==> flow/design.v <==
module u_adder_stage #(
    parameter BITS = 8,
    parameter G = 8
) (
    input  wire clock,
    input  wire i_rst,
    input  wire [BITS-1:0] din,
    input  wire load,
    output wire [BITS+G-1:0] q
);
    reg [BITS+G-1:0] accum;
    always @(posedge clock or posedge i_rst) begin
        if (i_rst) begin
            accum <= 0;
        end else begin
            accum <= load ? 0 : accum + din;
        end
    end
    assign q = accum;
endmodule
Subject: tool reports on u_adder_stage

Hi,

Reports on u_adder_stage
Module u_adder_stage in several versions that differ in "BITS"; each step lists the members.
The file above is the member BITS=8. Line numbers count from 1 in each member's own file.
Cell names lack the library's common part.
A cell with - has no value.
- top: u_adder_stage
- clock port: clock
- standard-cell library: sky130hd
- library corner: tt_025C_1v80

Source of the members
New or changed lines of each further member against the RTL above, in its own file; lines it lacks are not shown.
- lines new or changed (BITS ; line ; text):
    18 ; 2 ; parameter BITS = 18,
    24 ; 2 ; parameter BITS = 24,
    36 ; 2 ; parameter BITS = 36,
    56 ; 2 ; parameter BITS = 56,
    128 ; 2 ; parameter BITS = 128,

After elaboration
Source: Yosys, flattened and elaborated, memories not mapped. Widths are those after wreduce; folded enables and synchronous resets count as part of the registers. Registers that Yosys merges into a memory's read port (data or address) are not register bits. Print and check cells do not count. Equal cells are merged and count once.
- word-level totals (BITS ; register bits after elaboration ; output and inout port bits ; cells after elaboration):
    8 ; 16 ; 16 ; 3
    18 ; 26 ; 26 ; 3
    24 ; 32 ; 32 ; 3
    36 ; 44 ; 44 ; 3
    56 ; 64 ; 64 ; 3
    128 ; 136 ; 136 ; 3
- cells by class (BITS ; add/sub/neg operators ; muxes and demuxes):
    8 ; 1 ; 1
    18 ; 1 ; 1
    24 ; 1 ; 1
    36 ; 1 ; 1
    56 ; 1 ; 1
    128 ; 1 ; 1
- operator list (BITS ; kind and count):
    8 ; 1 x 16-bit by 8-bit adder with 16-bit output; 1 x 16-bit two-way mux
    18 ; 1 x 26-bit by 18-bit adder with 26-bit output; 1 x 26-bit two-way mux
    24 ; 1 x 32-bit by 24-bit adder with 32-bit output; 1 x 32-bit two-way mux
    36 ; 1 x 44-bit by 36-bit adder with 44-bit output; 1 x 44-bit two-way mux
    56 ; 1 x 64-bit by 56-bit adder with 64-bit output; 1 x 64-bit two-way mux
    128 ; 1 x 136-bit by 128-bit adder with 136-bit output; 1 x 136-bit two-way mux

Logic depth
Yosys ltp: most cells in a row. Word level: on the elaborated netlist, between registers, memories and ports. Mapped: between sequential cells and ports; inverters and the memories' decode and read muxes count.
- logic depth (BITS ; depth in word-level cells ; ABC_AREA ; depth in mapped cells ; gate-level depth less buffers):
    8 ; 2 ; 0 ; 8 ; 8
    18 ; 2 ; 0 ; 10 ; 10
    24 ; 2 ; 0 ; 10 ; 10
    36 ; 2 ; 0 ; 10 ; 10
    56 ; 2 ; 0 ; 12 ; 12
    128 ; 2 ; 0 ; 13 ; 13

After synthesis
Yosys stat after the flow's synthesis: flattened, memories mapped to cells. It holds for the ABC_AREA given above (unset counts as 0); a run with the other value may have another netlist.
Totals and module areas in this step are rounded.
- cell types (BITS ; types with counts):
    8 ; 16 x dfrtp_1; 8 x ha_1; 11 x a21oi_1; 13 x nor2_1; 5 x xor2_1; 6 x nand3_1; 7 x inv_1; 4 x nor2b_1; 3 x a21o_1; 2 x mux2_1; 1 x fa_1; 4 x o21ai_0; 5 x nand2_1; 2 x xnor2_1; 1 x mux2_4; 1 x a211oi_2; 2 x or3_1; 1 x a31o_1; [+15]
    18 ; 26 x dfrtp_1; 18 x ha_1; 31 x nor2_1; 12 x xor2_1; 9 x xnor2_1; 14 x a21oi_1; 15 x nand2_1; 5 x and3_1; 5 x nor2b_1; 6 x o21ai_0; 1 x a41oi_4; 7 x inv_1; 3 x o2111ai_1; 3 x o21ai_2; 3 x o21a_1; 1 x fa_1; 4 x nand3_1; 4 x nor3_1; [+32]
    24 ; 32 x dfrtp_1; 24 x ha_1; 38 x nor2_1; 27 x a21oi_1; 10 x xnor2_1; 9 x xor2_1; 14 x o21ai_0; 9 x a21o_1; 18 x nand2_1; 15 x inv_1; 7 x nand4_1; 7 x or3_1; 6 x nor2b_1; 7 x nand3_1; 4 x nand2b_1; 3 x a211oi_1; 3 x nand3b_1; 3 x o211ai_1; [+56]
    36 ; 44 x dfrtp_1; 36 x ha_1; 53 x nor2_1; 37 x a21oi_1; 18 x xnor2_1; 19 x a21o_1; 14 x xor2_1; 28 x nand2_1; 14 x o21ai_0; 6 x mux2_1; 10 x nor2b_1; 14 x inv_1; 7 x o21bai_1; 8 x and3_1; 7 x nand4_1; 2 x a31oi_4; 8 x nor3_1; 6 x a31oi_1; [+79]
    56 ; 64 x dfrtp_1; 56 x ha_1; 90 x nor2_1; 65 x a21oi_1; 28 x xnor2_1; 43 x o21ai_0; 23 x xor2_1; 52 x nand2_1; 19 x a21o_1; 17 x nand4_1; 27 x clkbuf_1; 26 x inv_1; 11 x o211ai_1; 10 x o21a_1; 14 x nand3_1; 8 x a211oi_1; 8 x o21bai_1; 9 x and3_1; [+111]
    128 ; 136 x dfrtp_1; 128 x ha_1; 226 x a21oi_1; 260 x nor2_1; 74 x xnor2_1; 124 x o21ai_0; 153 x nand2_1; 77 x nand4_1; 51 x xor2_1; 57 x a21o_1; 45 x o21bai_1; 78 x clkbuf_1; 49 x inv_1; 22 x o21a_1; 29 x nor3_1; 23 x nand3_1; 15 x o31ai_1; 17 x a31oi_1; [+182]
The mark [+n] counts cells that are not listed.
- mapped netlist (BITS ; standard cells after synthesis ; cell area after synthesis (um2) ; area of sequential cells (um2) ; flip-flop cells ; buffers):
    8 ; 107 ; 997.2 ; 400.4 ; 16 ; 2
    18 ; 199 ; 1817 ; 650.6 ; 26 ; 3
    24 ; 292 ; 2510 ; 800.8 ; 32 ; 9
    36 ; 410 ; 3655 ; 1101 ; 44 ; 15
    56 ; 681 ; 5567 ; 1602 ; 64 ; 34
    128 ; 1746 ; 13190 ; 3403 ; 136 ; 93

Timing after synthesis
Source: OpenSTA report_checks on the synthesized netlist (no wires, ideal clock, input and output delay 20% of the period each), path of least setup slack; recovery checks are left aside. Register names are those of the netlist, which keeps one name where synthesis merged equal registers.
- timing path after synthesis (BITS ; kind ; start point ; end point ; period (ns) ; path slack (ns) ; stages on the path ; delay of the path (ns) ; synthesis period reached (ns)):
    8 ; input port to flip-flop ; input port din[0] ; register accum[14] ; 2.48 ; 0.398 ; 8 ; 1.586 ; 2.082
    18 ; input port to flip-flop ; input port din[0] ; register accum[20] ; 2.51 ; 0.399 ; 10 ; 1.609 ; 2.111
    24 ; input port to flip-flop ; input port din[14] ; register accum[25] ; 3.07 ; 0.494 ; 9 ; 1.962 ; 2.576
    36 ; input port to flip-flop ; input port din[0] ; register accum[24] ; 3.7 ; 0.592 ; 10 ; 2.369 ; 3.108
    56 ; input port to flip-flop ; input port din[0] ; register accum[48] ; 3.82 ; 0.614 ; 12 ; 2.442 ; 3.206
    128 ; input port to flip-flop ; input port din[0] ; register accum[124] ; 4.7 ; 0.752 ; 13 ; 3.008 ; 3.948
"delay of the path" = arrival - input delay + setup time.
"stages on the path": output pins that drive a net of the path, with the launching flip-flop's if there is one; two outputs of one cell count as two.
"synthesis period reached" is the clock period less the worst setup slack; recovery checks do not enter. This is arithmetic on one report: input and output delays are still those of the set period (20% each).
Between the ends stands the longest chain of elaborated cells between them, by number of cells; it is not shown to be the way that was timed. Of several equally long chains one is given.
Each line given opens the expression or statement behind the cell; cells for indexed reads and writes are added by Yosys, which also makes memories of some case tables.
Between the ends, after synthesis, BITS=8:
- cells in the longest elaborated chain at 2
- ends and longest elaborated chain, after synthesis, BITS=8 (item ; line ; text):
    start, declared ; 7 ; input  wire [BITS-1:0] din,
    16-bit by 8-bit adder with 16-bit output ; 16 ; accum <= load ? 0 : accum + din;
    16-bit two-way mux ; 16 ;
    end, assigned ; 14 ; accum <= 0;
    end, assigned ; 16 ;
    end, declared ; 11 ; reg [BITS+G-1:0] accum;
Between the ends, after synthesis, BITS=128:
- cells in the longest elaborated chain at 2
- ends and longest elaborated chain, after synthesis, BITS=128 (item ; line ; text):
    start, declared ; 7 ; input  wire [BITS-1:0] din,
    136-bit by 128-bit adder with 136-bit output ; 16 ; accum <= load ? 0 : accum + din;
    136-bit two-way mux ; 16 ;
    end, assigned ; 14 ; accum <= 0;
    end, assigned ; 16 ;
    end, declared ; 11 ; reg [BITS+G-1:0] accum;

Path in the finished layout
Path of least setup slack in the final report of each member's run (OpenROAD, finished layout, wires in). Where an end is a register, its clock arrival counts in the times.
- timing path post-layout (BITS ; kind ; start point ; end point ; period (ns) ; path slack (ns) ; stages on the path ; data arrival time (ns)):
    8 ; input port to flip-flop ; input port din[0] ; register accum[12] ; 2.48 ; 0.12 ; 9 ; 2.53
    18 ; input port to flip-flop ; input port din[0] ; register accum[22] ; 2.51 ; 0.11 ; 11 ; 2.56
    24 ; input port to flip-flop ; input port din[0] ; register accum[26] ; 3.07 ; 0.22 ; 11 ; 3.01
    36 ; input port to flip-flop ; input port din[0] ; register accum[24] ; 3.7 ; 0.35 ; 11 ; 3.53
    56 ; input port to flip-flop ; input port din[6] ; register accum[51] ; 3.82 ; 0.31 ; 11 ; 3.73
    128 ; input port to flip-flop ; input port din[4] ; register accum[109] ; 4.7 ; 0.20 ; 16 ; 4.81

Measured runs
Settings and results of one run of the flow (Yosys, OpenROAD) for each member follow. The constraints put input and output delay at 20% of the set period each and load the outputs with 0.01 pF.
- noted CAP_MARGIN: 20
- CORE_MARGIN at 2
- noted CORE_UTILIZATION: 40
- SLEW_MARGIN at 20
- settings by member (BITS ; period_ns):
    8 ; 2.48
    18 ; 2.51
    24 ; 3.07
    36 ; 3.7
    56 ; 3.82
    128 ; 4.7
- final reports (BITS ; chip area in the Yosys report (um2) ; overall die area (um2) ; standard-cell area after layout (um2) ; lowest setup slack (ns) ; setup TNS (ns) ; worst hold slack (ns) ; power consumption (W) ; period achieved (ns)):
    8 ; 997.2 ; 2908 ; 1374 ; 0.122 ; 0.000 ; 0.564 ; 0.001059 ; 2.358
    18 ; 1817 ; 5097 ; 2618 ; 0.106 ; 0.000 ; 0.566 ; 0.002741 ; 2.404
    24 ; 2510 ; 6925 ; 3436 ; 0.224 ; 0.000 ; 0.568 ; 0.002849 ; 2.846
    36 ; 3655 ; 9917 ; 4707 ; 0.352 ; 0.000 ; 0.583 ; 0.003765 ; 3.348
    56 ; 5567 ; 14880 ; 7655 ; 0.314 ; 0.000 ; 0.559 ; 0.006536 ; 3.506
    128 ; 13190 ; 34430 ; 17540 ; 0.199 ; 0.000 ; 0.561 ; 0.01207 ; 4.501
"period achieved": clock period set for the run, less the worst setup slack. It is reckoned from that one timing run; input and output delays stay at 20% of the period that was set.
By "power consumption" is meant OpenSTA's value without simulated activity: inputs other than the clock are taken to toggle once in ten clock periods, and the tool carries that through the logic.
Measured values are rounded.

Regards
